==> flow/design.v <==
module my_reg_bank_top #(
    parameter ENTRIES = 4,
    parameter DATA_W = 20,
    parameter ADDR_WIDTH = $clog2(ENTRIES)
) (
    input  wire i_clk,
    input  wire RSTN,
    input  wire [ADDR_WIDTH-1:0] i_addr,
    input  wire i_write,
    input  wire [DATA_W-1:0] i_write_data,
    output wire [DATA_W-1:0] o_read_data
);
    reg [ADDR_WIDTH-1:0] r_addr;
    always @(posedge i_clk or negedge RSTN) begin
        if (~RSTN) begin
            r_addr <= 0;
        end else begin
            r_addr <= i_addr;
        end
    end
    reg r_write;
    always @(posedge i_clk or negedge RSTN) begin
        if (~RSTN) begin
            r_write <= 1'b0;
        end else begin
            r_write <= i_write;
        end
    end
    reg [DATA_W-1:0] r_write_data;
    always @(posedge i_clk or negedge RSTN) begin
        if (~RSTN) begin
            r_write_data <= 0;
        end else begin
            r_write_data <= i_write_data;
        end
    end
    reg [DATA_W-1:0] bank [0:ENTRIES-1];
    always @(posedge i_clk)
        if (r_write) bank[r_addr] <= r_write_data;
    assign o_read_data = bank[r_addr];
endmodule
Step by step through the tools: my_reg_bank_top
Tool output for the design above, in the order of the flow. Line numbers count from 1 in the design file above. Operators carry their Yosys type and port widths (W data, S select, Z words). Library cell names are shortened. A cell with -- has no value.

Top module: my_reg_bank_top. Clock: i_clk. Standard-cell library: sky130hd. Timing corner: tt_025C_1v80.

Word level
Counts by Yosys on the flattened word-level netlist (proc, flatten, opt, wreduce; memories kept). Register bits leave out memories and registers merged into their read ports (data or address); mux counts leave out enables and synchronous resets folded into registers. Print and check cells are left out. Cells with the same type and inputs are merged into one. Memory sizes are those after Yosys's memory passes, which may raise the word count (mostly to a power of two), join words into wider ones and drop unused or constant bits.

Under memories kept stands 1. Under flip-flop bits (word level) stands 23. For elaborated cells the number is 7. The figure for output and inout bits is 20. The figure for bits of input ports is 25. The entry for memory bits (writable) reads 80.

Memory list: bank (depth 4, width 20, read ports 1, write ports 1, line 37) `reg [DATA_W-1:0] bank [0:ENTRIES-1];`.

Under muxes and demuxes stands 3.

Operator list (count): $mux W20 (1); $mux W2 (1); $mux W1 (1).

Depth
Yosys ltp: most cells in a row. Word level: on the elaborated netlist, between registers, memories and ports. Mapped: between sequential cells and ports; inverters and the memories' decode and read muxes count.

The entry for depth after elaboration reads 1. For ABC_AREA the number is 0. The entry for gate-level depth with buffers reads 3. The entry for gate-level depth less buffers reads 1.

Netlist
Source: synth_stat.txt of the flow (Yosys; design flattened, memories mapped). It holds for the ABC_AREA given above (unset counts as 0); a run with the other value may have another netlist.

Flip-flop cells: 103. The entry for chip area (Yosys) reads 3528.4 um2. For buffers the number is 6. The figure for cell count is 133. The entry for sequential area reads 2977.9 um2.

Cell types: edfxtp_1 (count 80, area in all 2.4E+03 um2); dfrtp_1 (count 23, area in all 575.552 um2); mux4_2 (count 17, area in all 382.867 um2); mux4_1 (count 3, area in all 78.826 um2); buf_6 (count 2, area in all 22.522 um2); buf_12 (count 1, area in all 20.019 um2); and3b_1 (count 2, area in all 17.517 um2); buf_2 (count 3, area in all 15.014 um2); nor3b_1 (count 1, area in all 7.507 um2); and3_1 (count 1, area in all 6.256 um2).

Worst setup path after synthesis
Path of least setup slack by OpenSTA after synthesis, without wires, with an ideal clock, recovery checks aside; 20% of the period is set as input and as output delay. Where synthesis merged equal registers, the netlist keeps one of their names.

Path type: register to register. Start: register r_addr[1]. End: memory bank[0][0]. Under path buffers stands 2. For data arrival time the number is 2202 ps. For setup slack the number is 661 ps. For clock period the number is 3290 ps. For data required time the number is 2863 ps. Under launch time at the first pin stands 0 ps. The entry for stages reads 4. Delay of the path: 2629 ps. For library setup time the number is 427 ps. The entry for period reached after synthesis reads 2629 ps.

"delay of the path" is the arrival time less input delay plus setup time. "stages": output pins that drive a net of the path, with the launching flip-flop's if there is one; two outputs of one cell count as two. "period reached after synthesis" = period - worst setup slack (recovery checks aside). The figure is calculated, with input and output delays left at 20% of the set period. Between the ends stands the longest chain of elaborated cells between them, by number of cells; it is not shown to be the way that was timed. Of several equally long chains one is given. A line is the first line of the expression or statement that the cell stems from. Yosys adds cells for indexed reads and writes and turns some case tables into memories.

Cells stage by stage: dfrtp_1 -> buf_2 -> buf_2 -> nor3b_1. The entry for length of the longest elaborated chain reads 1. The entry for elaborated cells on any way between the ends reads 1. The figure for source lines of those cells is 1. Those cells by class: mux (1).

Ends and longest elaborated chain, post-synthesis: from (decl) (line 13) `reg [ADDR_WIDTH-1:0] r_addr;`; from (assign) (line 16) `r_addr <= 0;`; from (assign) (line 18) `r_addr <= i_addr;`; $mux W2 (line 39) `if (r_write) bank[r_addr] <= r_write_data;`; to (decl) (line 37) `reg [DATA_W-1:0] bank [0:ENTRIES-1];`.

Timing after layout
Path of least setup slack in the final report of flow run A (OpenROAD, finished layout, wires in). Where an end is a register, its clock arrival counts in the times. The path's times are printed in steps of 10 ps; the period is the one set.

Path type: register to output. Start: register r_addr[0]. End: output port o_read_data[0]. Under output delay stands 720 ps. For setup slack the number is 460 ps. The entry for stages reads 3. Under path buffers stands 1. For clock period the number is 3590 ps. Under launch time at the first pin stands 340 ps. For data required time the number is 2870 ps. For data arrival time the number is 2410 ps.

Between the ends stands the longest chain of elaborated cells between them, by number of cells; it is not shown to be the way that was timed. Of several equally long chains one is given. A memory read counts as a cell of the chain, while the word-level depth stops at memories.

Cells stage by stage: dfrtp_2 -> mux4_1 -> clkdlybuf4s50_1. The entry for length of the longest elaborated chain reads 1. The entry for elaborated cells on any way between the ends reads 1. The figure for source lines of those cells is 1. Those cells by class: memory (1).

Ends and longest elaborated chain, post-layout: from (decl) (line 13) `reg [ADDR_WIDTH-1:0] r_addr;`; from (assign) (line 16) `r_addr <= 0;`; from (assign) (line 18) `r_addr <= i_addr;`; $mem_v2 Z4 W20 (line 37) `reg [DATA_W-1:0] bank [0:ENTRIES-1];`; to (decl) (line 11) `output wire [DATA_W-1:0] o_read_data`.

==> results <==
Measured data: module my_reg_bank_top, platform sky130hd, 3 stored runs of the flow under differing settings, order arbitrary. Input and output delays are each 20% of the period that was set; the output load is 0.01 pF. "period reached": clock period set for the run, less the worst setup slack. It is reckoned from that one timing run; input and output delays stay at 20% of the period that was set. By "worst setup path time" is meant the share of the clock period that the worst setup path is allowed (20% is reserved at inputs, 20% at outputs), minus its slack. Clock arrival times at its registers enter into it. "worst setup path time" is known to 10 ps.

Flow run A has these settings: period_ns 3.59; CORE_UTILIZATION 22; PLACE_DENSITY_LB_ADDON 0.02; HOLD_SLACK_MARGIN 0.16; CORE_ASPECT_RATIO 0.93; CELL_PAD_IN_SITES_GLOBAL_PLACEMENT 2; TNS_END_PERCENT 85; SLEW_MARGIN 5; CAP_MARGIN 20; CORE_MARGIN 2. The measured Yosys chip area after synthesis is 3,528.4 um2. The measured die area is 17,067.9 um2. The standard-cell area after routing reads 4,493.1 um2. For the post-route utilization the run shows 28.7%. The worst setup slack after layout reads 463 ps. The measured total negative slack is 0 ps. The measured period reached is 3,127 ps. For the worst setup path time the run shows 2,410 ps. Worst path kind: register to output.

Flow run B has these settings: period_ns 1.92; CORE_UTILIZATION 62; SETUP_SLACK_MARGIN 0.57; PLACE_DENSITY_LB_ADDON 0.17; CELL_PAD_IN_SITES_DETAIL_PLACEMENT 1; TNS_END_PERCENT 30; ABC_AREA 0; GPL_ROUTABILITY_DRIVEN 0; CTS_CLUSTER_SIZE 36; CTS_CLUSTER_DIAMETER 145; SLEW_MARGIN 0; MIN_ROUTING_LAYER met1; MAX_ROUTING_LAYER met4; CAP_MARGIN 20; CORE_MARGIN 2. Outcome: did not finish, clock tree synthesis stopped with DPL-0033.

Flow run C has these settings: period_ns 3.29; CAP_MARGIN 20; CORE_MARGIN 2; CORE_UTILIZATION 40; SLEW_MARGIN 20. The measured Yosys chip area after synthesis is 3,528.4 um2. The measured die area is 9,588.3 um2. The standard-cell area after routing reads 4,302.9 um2. For the post-route utilization the run shows 49.8%. The worst setup slack after layout reads 292 ps. The measured total negative slack is 0 ps. The measured period reached is 2,998 ps. For the worst setup path time the run shows 2,340 ps. Worst path kind: register to output.
